==> flow/design.v <==
module core_reg_file (core_clk, write, wr_idx, write_data, rd_idx_a, rd_idx_b, rd_data_a, rd_data_b);
    parameter D = 40;
    parameter BITS = 6;
    localparam ABITS = $clog2(D);
    input core_clk;
    input write;
    input [ABITS-1:0] wr_idx;
    input [BITS-1:0] write_data;
    input [ABITS-1:0] rd_idx_a;
    input [ABITS-1:0] rd_idx_b;
    output reg [BITS-1:0] rd_data_a;
    output reg [BITS-1:0] rd_data_b;
    reg [BITS-1:0] regs [0:D-1];
    always @(posedge core_clk) begin
        if (write)
            regs[wr_idx] <= write_data;
    end
    always @(posedge core_clk) begin
        rd_data_a <= (write && wr_idx == rd_idx_a) ? write_data : regs[rd_idx_a];
        rd_data_b <= (write && wr_idx == rd_idx_b) ? write_data : regs[rd_idx_b];
    end
endmodule
## Tool chain data of core_reg_file

The steps from the RTL of core_reg_file to its reports follow in flow order.
Line numbers count from 1 in the design file above.
Cell names lack the library's common part.
Not given: n/a

- Top: core_reg_file
- Clock port: core_clk
- Standard-cell library: sky130hd
- Timing corner: tt_025C_1v80

## Word-level counts

Yosys after proc, flatten, opt, wreduce and memory -nomap, before mapping. Enables and synchronous resets that opt folds into registers are not counted as muxes. Memory bits, and registers merged into a memory's read port (data or address), are not among the register bits. Print and check cells are not counted. Equal cells are merged and count once.
Memory sizes are those after Yosys's memory passes, which may raise the word count (mostly to a power of two), join words into wider ones and drop unused or constant bits.

- Mux-type cells: 3

Operator list:

| kind | count |
|---|---|
| 2-to-1 mux 6 bit | 2 |
| 2-to-1 mux 1 bit | 1 |

- Bits in registers: 0
- Bits in writable memories: 240
- Clocked read ports x word width: 12
- Memory cells: 1
- Cells after elaboration: 4
- Output and inout bits: 12

Memories:

| name | depth | bits a word | rd ports | write ports | line | text |
|---|---|---|---|---|---|---|
| regs | 40 | 6 | 2 | 1 | 13 | `reg [BITS-1:0] regs [0:D-1];` |

## Longest topological paths

Longest topological path by Yosys (ltp), each cell counted once; first at word level (registers and memories cut), then after technology mapping (sequential cells cut; the memories' decode and read muxes count).

- Depth in word-level cells: 1
- ABC_AREA: 0
- Gate-level depth with buffers: 8
- Depth with buffers taken out: 5

## After synthesis

Source: synth_stat.txt of the flow (Yosys; design flattened, memories mapped). It holds for the ABC_AREA given above (unset counts as 0); a run with the other value may have another netlist.
The area totals of this step are shown rounded.

Cells by type:

| type | count | total area (um2) |
|---|---|---|
| edfxtp_1 | 240 | 7.21E+03 |
| mux2i_1 | 192 | 1.92E+03 |
| mux4_2 | 24 | 540.518 |
| a22oi_1 | 48 | 360.346 |
| a221oi_2 | 16 | 240.23 |
| dfxtp_1 | 12 | 240.23 |
| a22o_1 | 24 | 210.202 |
| buf_6 | 18 | 202.694 |
| o41ai_2 | 12 | 195.187 |
| nor2_1 | 43 | 161.405 |
| mux2_2 | 12 | 135.13 |
| a21oi_1 | 24 | 120.115 |
| nand2_1 | 21 | 78.826 |
| buf_4 | 10 | 75.072 |
| o22ai_1 | 12 | 75.072 |
| a221oi_1 | 8 | 70.067 |
| nand2b_1 | 7 | 43.792 |
| buf_12 | 2 | 40.038 |

Other cell types: 14; their cells: 44.

- Sequential part of the area: 7450 um2
- Flip-flop cells: 252
- Buffer cells: 53
- Cells in the netlist: 769
- Chip area (Yosys): 12200 um2

## Worst setup path after synthesis

Path of least setup slack by OpenSTA after synthesis, without wires, with an ideal clock, recovery checks aside; 20% of the period is set as input and as output delay. Where synthesis merged equal registers, the netlist keeps one of their names.

- Path type: reg-to-output
- Start: register (no name shown)
- End: output port rd_data_b[3]
- Path slack: 0.420 ns
- Period: 2.63 ns
- Time at the first pin: 0.000 ns
- External output delay: 0.526 ns
- Path buffers: 3
- Stages on the path: 9
- Delay of the path: 1.684 ns
- Arrival: 1.684 ns
- Data required time: 2.104 ns
- Synthesis period reached: 2.21 ns

"delay of the path" = arrival - input delay + setup time.
At an output port there is no setup time.
"stages on the path" counts driving pins, that of a launching flip-flop among them; a cell with two outputs on the path counts twice.
"synthesis period reached" = period - worst setup slack (recovery checks aside). The figure is calculated, with input and output delays left at 20% of the set period.

- Cells stage by stage: dfxtp_1 buf_6 and2_4 buf_6 buf_6 a22o_1 a221oi_2 o22ai_1 o41ai_2

RTL lines, path after synthesis:

| item | line | text |
|---|---|---|
| to (decl) | 12 | `output reg [BITS-1:0] rd_data_b;` |

No chain of elaborated cells between the ends is given.

## Worst path after layout

From the final timing report of entry A: the path of least setup slack in the routed layout; clock arrival at registers is part of the times.

- Path type: reg-to-output
- Start: register (no name shown)
- End: output port rd_data_b[2]
- External output delay: 0.71 ns
- Arrival: 2.81 ns
- Path slack: 0.03 ns
- Time at the first pin: 0.54 ns
- Path buffers: 3
- Data required time: 2.85 ns
- Period: 3.56 ns
- Stages on the path: 9

- Cells stage by stage: dfxtp_4 buf_4 bufbuf_16 mux2i_1 a22o_1 a221oi_2 o22ai_2 o41ai_2 clkdlybuf4s15_2

RTL lines, path post-layout:

| item | line | text |
|---|---|---|
| to (decl) | 12 | `output reg [BITS-1:0] rd_data_b;` |

No chain of elaborated cells between the ends is given.

==> runs of core_reg_file <==
core_reg_file through Yosys and OpenROAD on sky130hd: 3 stored runs, unordered, with their settings and measured results. The constraints put input and output delay at 20% of the set period each and load the outputs with 0.01 pF.
"period achieved" = clock period - worst setup slack. The figure is calculated, with input and output delays left at 20% of the set period.
"overall power" rests on the timing tool's default activity at the inputs, not on a simulated workload.
Values from the reports are rounded here.

### Entry A

Settings: `period_ns=3.56`, `CORE_UTILIZATION=36`, `PLACE_DENSITY_LB_ADDON=0.08`, `CORE_MARGIN=10`, `CELL_PAD_IN_SITES_GLOBAL_PLACEMENT=1`, `CELL_PAD_IN_SITES_DETAIL_PLACEMENT=1`, `TNS_END_PERCENT=75`, `MIN_ROUTING_LAYER=met1`, `CAP_MARGIN=20`, `SLEW_MARGIN=20`

- Die footprint: 41600 um2
- Synthesized cell area: 12200 um2
- Overall power: 0.0069 W
- Setup TNS: 0.000 ns
- Post-layout utilization: 44.2%
- Final worst hold slack: 0.607 ns
- Worst setup slack after layout: 0.033 ns
- Period achieved: 3.527 ns

### Entry B

Settings: `period_ns=3.06`, `CORE_UTILIZATION=22`, `SETUP_SLACK_MARGIN=-0.25`, `PLACE_DENSITY=0.46`, `HOLD_SLACK_MARGIN=0.1`, `CELL_PAD_IN_SITES_GLOBAL_PLACEMENT=1`, `CELL_PAD_IN_SITES_DETAIL_PLACEMENT=1`, `TNS_END_PERCENT=75`, `ABC_AREA=0`, `CAP_MARGIN=15`, `MAX_ROUTING_LAYER=met4`, `CORE_MARGIN=2`, `SLEW_MARGIN=20`

- Overall power: 0.0084 W
- Die footprint: 57300 um2
- Final worst hold slack: 0.483 ns
- Synthesized cell area: 12200 um2
- Setup TNS: -2.31 ns
- Post-layout utilization: 29.0%
- Worst setup slack after layout: -0.256 ns
- Period achieved: 3.316 ns

### Entry C

Settings: `period_ns=2.63`, `CAP_MARGIN=20`, `CORE_MARGIN=2`, `CORE_UTILIZATION=40`, `SLEW_MARGIN=20`

- Worst setup slack after layout: -0.540 ns
- Post-layout utilization: 51.7%
- Synthesized cell area: 12200 um2
- Setup TNS: -5.67 ns
- Die footprint: 31900 um2
- Overall power: 0.00938 W
- Final worst hold slack: 0.424 ns
- Period achieved: 3.170 ns
